==> flow/design.v <==
module u_addsub (i_clk, RST, enable, x, y, d);
  parameter DW = 14;
  input i_clk;
  input RST;
  input enable;
  input [DW-1:0] x;
  input [DW-1:0] y;
  output [DW-1:0] d;
  reg [DW-1:0] x_r;
  reg [DW-1:0] y_r;
  wire [DW:0] r;
  assign r = x_r - y_r;
  assign d = r[DW] ? {DW{1'b0}} : r[DW-1:0];
  always @(posedge i_clk or posedge RST) begin
    if (RST) begin
      x_r <= 0;
      y_r <= 0;
    end else if (enable) begin
      x_r <= x;
      y_r <= y;
    end
  end
endmodule
==> reports on u_addsub <==
== Reports on u_addsub ==
A sweep over "DW": the same steps for each member of the family.
The file above is the member DW 14. Line numbers count from 1 in each member's own file.
Library cell names are shortened.
Not given: n/a
Set-up
  design top: u_addsub
  clock input: i_clk
  library: sky130hd
  library corner: tt_025C_1v80

== Source of the members ==
New or changed lines of each further member against the RTL above, in its own file; lines it lacks are not shown.
Lines new or changed
  DW 16: RTL line 2  | parameter DW = 16;
  DW 64: RTL line 2  | parameter DW = 64;
  DW 80: RTL line 2  | parameter DW = 80;
  DW 128: RTL line 2  | parameter DW = 128;

== Word level ==
Yosys after proc, flatten, opt, wreduce and memory -nomap, before mapping. Enables and synchronous resets that opt folds into registers are not counted as muxes. Memory bits, and registers merged into a memory's read port (data or address), are not among the register bits. Print and check cells are not counted. Equal cells are merged and count once.
Bit counts
  DW 14: bits in registers 28, input bits 31, word-level cells 4
  DW 16: bits in registers 32, input bits 35, word-level cells 4
  DW 64: bits in registers 128, input bits 131, word-level cells 4
  DW 80: bits in registers 160, input bits 163, word-level cells 4
  DW 128: bits in registers 256, input bits 259, word-level cells 4
Operators by class
  DW 14: add/subtract/negate cells 1, mux-type cells 1
  DW 16: add/subtract/negate cells 1, mux-type cells 1
  DW 64: add/subtract/negate cells 1, mux-type cells 1
  DW 80: add/subtract/negate cells 1, mux-type cells 1
  DW 128: add/subtract/negate cells 1, mux-type cells 1
Operators with widths (kind and count)
  DW 14: 14-bit by 14-bit subtractor with 15-bit output: 1; 14-bit two-way mux: 1
  DW 16: 16-bit by 16-bit subtractor with 17-bit output: 1; 16-bit two-way mux: 1
  DW 64: 64-bit by 64-bit subtractor with 65-bit output: 1; 64-bit two-way mux: 1
  DW 80: 80-bit by 80-bit subtractor with 81-bit output: 1; 80-bit two-way mux: 1
  DW 128: 128-bit by 128-bit subtractor with 129-bit output: 1; 128-bit two-way mux: 1

== Depth ==
Longest topological path by Yosys (ltp), each cell counted once; first at word level (registers and memories cut), then after technology mapping (sequential cells cut; the memories' decode and read muxes count).
Depth
  DW 14: depth in word-level cells 2, ABC_AREA 0, gate-level depth with buffers 9, gate-level depth less buffers 8
  DW 16: depth in word-level cells 2, ABC_AREA 0, gate-level depth with buffers 10, gate-level depth less buffers 9
  DW 64: depth in word-level cells 2, ABC_AREA 0, gate-level depth with buffers 14, gate-level depth less buffers 13
  DW 80: depth in word-level cells 2, ABC_AREA 0, gate-level depth with buffers 15, gate-level depth less buffers 13
  DW 128: depth in word-level cells 2, ABC_AREA 0, gate-level depth with buffers 16, gate-level depth less buffers 14

== Mapped cells and area ==
The flow's flattened synthesis, as Yosys stat reports it; memories are mapped. The netlist is that of the ABC_AREA named above (0 if unset); the other value can give another one.
Cell types (type and count)
  DW 14: dfrtp_1: 28; ha_1: 14; mux2_2: 13; o21ai_0: 21; nand2_1: 26; a21oi_1: 18; inv_1: 18; a211oi_2: 5; o21a_1: 7; nor3_1: 8; nand2b_1: 5; nor2_1: 8; xnor2_1: 3; a211oi_1: 3; a21o_1: 3; clkbuf_1: 6; nand4_4: 1; a211oi_4: 1; [+26]
  DW 16: dfrtp_1: 32; ha_1: 17; mux2_2: 15; o21ai_0: 28; nand2_1: 22; inv_1: 21; nor2_1: 19; a21oi_1: 11; xnor2_1: 5; a21o_1: 5; o21a_1: 4; a311oi_4: 1; xor2_1: 3; a31oi_1: 4; nor4_2: 2; fa_1: 1; and3_1: 3; nand2b_1: 3; [+39]
  DW 64: dfrtp_1: 128; ha_1: 65; mux2_2: 63; o21ai_0: 105; nand2_1: 122; a21oi_1: 79; nor2_1: 92; inv_1: 82; a21o_1: 37; xnor2_1: 29; xor2_1: 25; clkbuf_1: 46; nand4_1: 17; o21a_1: 12; o21bai_1: 10; nand2b_1: 10; nor2b_1: 10; nor3_1: 11; [+108]
  DW 80: dfrtp_1: 160; ha_1: 80; mux2_2: 80; o21ai_0: 136; nand2_1: 167; a21oi_1: 121; nor2_1: 124; inv_1: 116; xnor2_1: 37; nand4_1: 44; clkbuf_1: 63; a21o_1: 29; xor2_1: 22; o21bai_1: 25; nor3_1: 31; nand3_1: 22; o21a_1: 13; a211oi_1: 12; [+146]
  DW 128: dfrtp_1: 256; ha_1: 129; mux2_2: 129; o21ai_0: 227; nor2_4: 98; nand2_1: 289; a21oi_1: 213; inv_1: 166; nor2_1: 152; a21o_1: 71; xor2_1: 57; xnor2_1: 52; nand4_1: 62; clkbuf_1: 101; o21bai_1: 46; buf_12: 11; nor3_1: 36; a31oi_1: 23; [+238]
A list marked [+n] leaves out that many cells.
Synthesis totals
  DW 14: standard cells after synthesis 214, buffer cells 11, mapped flip-flops 28, synthesis area 1946.9 um^2
  DW 16: standard cells after synthesis 235, buffer cells 9, mapped flip-flops 32, synthesis area 2172.1 um^2
  DW 64: standard cells after synthesis 1051, buffer cells 54, mapped flip-flops 128, synthesis area 9018.6 um^2
  DW 80: standard cells after synthesis 1428, buffer cells 79, mapped flip-flops 160, synthesis area 11736.3 um^2
  DW 128: standard cells after synthesis 2356, buffer cells 127, mapped flip-flops 256, synthesis area 19875.3 um^2

== Timing after synthesis ==
OpenSTA on the mapped netlist: ideal clock, no wires. The path of least setup slack (recovery checks aside). Input and output delay are each 20% of the period. Register names are those of the netlist, which keeps one name where synthesis merged equal registers.
Path post-synthesis
  DW 14: path type register to output, start register y_r[0], end output d[11], period 3.47 ns, path delay 2.220 ns, slack 0.556 ns, driving pins on the path 9, synthesis period reached 2.914 ns
  DW 16: path type register to output, start register y_r[0], end output d[13], period 3.28 ns, path delay 2.100 ns, slack 0.524 ns, driving pins on the path 9, synthesis period reached 2.756 ns
  DW 64: path type register to output, start register x_r[11], end output d[63], period 4.41 ns, path delay 2.825 ns, slack 0.703 ns, driving pins on the path 12, synthesis period reached 3.707 ns
  DW 80: path type register to output, start register x_r[0], end output d[56], period 4.55 ns, path delay 2.911 ns, slack 0.729 ns, driving pins on the path 16, synthesis period reached 3.821 ns
  DW 128: path type register to output, start register x_r[59], end output d[124], period 5.0 ns, path delay 3.198 ns, slack 0.802 ns, driving pins on the path 13, synthesis period reached 4.198 ns
"path delay" is the arrival time less input delay plus setup time.
A path that ends at an output port has no setup time.
"driving pins on the path": output pins that drive a net of the path, with the launching flip-flop's if there is one; two outputs of one cell count as two.
"synthesis period reached" = period - worst setup slack (recovery checks aside). The figure is calculated, with input and output delays left at 20% of the set period.
The rows between start and end are the longest chain of elaborated cells between them; the timing report does not say that the signal goes this way. Where chains are equally long, one stands for them.
A line is the first line of the expression or statement that the cell stems from. Yosys adds cells for indexed reads and writes and turns some case tables into memories.
Between the ends, post-synthesis, DW 14
  cells in the longest elaborated chain: 2
Ends and longest elaborated chain, post-synthesis, DW 14
  start: declaration: RTL line 10  | reg [DW-1:0] y_r;
  start: assignment: RTL line 17  | y_r <= 0;
  start: assignment: RTL line 20  | y_r <= y;
  14-bit by 14-bit subtractor with 15-bit output: RTL line 12  | assign r = x_r - y_r;
  14-bit two-way mux: RTL line 13  | assign d = r[DW] ? {DW{1'b0}} : r[DW-1:0];
  end: declaration: RTL line 8  | output [DW-1:0] d;
Between the ends, post-synthesis, DW 128
  cells in the longest elaborated chain: 2
Ends and longest elaborated chain, post-synthesis, DW 128
  start: declaration: RTL line 9  | reg [DW-1:0] x_r;
  start: assignment: RTL line 16  | x_r <= 0;
  start: assignment: RTL line 19  | x_r <= x;
  128-bit by 128-bit subtractor with 129-bit output: RTL line 12  | assign r = x_r - y_r;
  128-bit two-way mux: RTL line 13  | assign d = r[DW] ? {DW{1'b0}} : r[DW-1:0];
  end: declaration: RTL line 8  | output [DW-1:0] d;

== Path in the finished layout ==
From the final timing report of each member's run: the path of least setup slack in the routed layout; clock arrival at registers is part of the times.
Path after layout
  DW 14: path type register to output, start register x_r[0], end output d[5], period 3.47 ns, slack 0.17 ns, driving pins on the path 11, arrival 2.61 ns
  DW 16: path type register to output, start register y_r[7], end output d[4], period 3.28 ns, slack 0.13 ns, driving pins on the path 11, arrival 2.50 ns
  DW 64: path type register to output, start register y_r[0], end output d[58], period 4.41 ns, slack 0.00 ns, driving pins on the path 16, arrival 3.52 ns
  DW 80: path type register to output, start register x_r[25], end output d[64], period 4.55 ns, slack -0.09 ns, driving pins on the path 14, arrival 3.73 ns
  DW 128: path type register to output, start register x_r[42], end output d[123], period 5.0 ns, slack -0.15 ns, driving pins on the path 17, arrival 4.15 ns

== Flow runs ==
One run of the flow (Yosys, OpenROAD) for each member, with settings and measured results. Input and output delays are each 20% of the period that was set; the output load is 0.01 pF.
Flow settings
  CAP_MARGIN: 20
  CORE_MARGIN: 2
  CORE_UTILIZATION: 40
  SLEW_MARGIN: 20
Settings that differ (period_ns)
  DW 14: 3.47
  DW 16: 3.28
  DW 64: 4.41
  DW 80: 4.55
  DW 128: 5.0
Results
  DW 14: standard-cell area after layout 2499.9 um^2, power 1068 µW, total negative slack on setup checks 0.000 ns, area of the die 5441.3 um^2, setup slack of the critical path 0.165 ns, lowest hold slack 0.520 ns, mapped cell area after synthesis 1946.9 um^2
  DW 16: standard-cell area after layout 3075.4 um^2, power 1468 µW, total negative slack on setup checks 0.000 ns, area of the die 6035.7 um^2, setup slack of the critical path 0.128 ns, lowest hold slack 0.518 ns, mapped cell area after synthesis 2172.1 um^2
  DW 64: standard-cell area after layout 12859.8 um^2, power 5213 µW, total negative slack on setup checks 0.000 ns, area of the die 23763.8 um^2, setup slack of the critical path 0.004 ns, lowest hold slack 0.514 ns, mapped cell area after synthesis 9018.6 um^2
  DW 80: standard-cell area after layout 16388.2 um^2, power 6428 µW, total negative slack on setup checks -1.239 ns, area of the die 30726.6 um^2, setup slack of the critical path -0.087 ns, lowest hold slack 0.519 ns, mapped cell area after synthesis 11736.3 um^2
  DW 128: standard-cell area after layout 30327.8 um^2, power 10885 µW, total negative slack on setup checks -1.967 ns, area of the die 51488.1 um^2, setup slack of the critical path -0.152 ns, lowest hold slack 0.513 ns, mapped cell area after synthesis 19875.3 um^2
"power" rests on the timing tool's default activity at the inputs, not on a simulated workload.
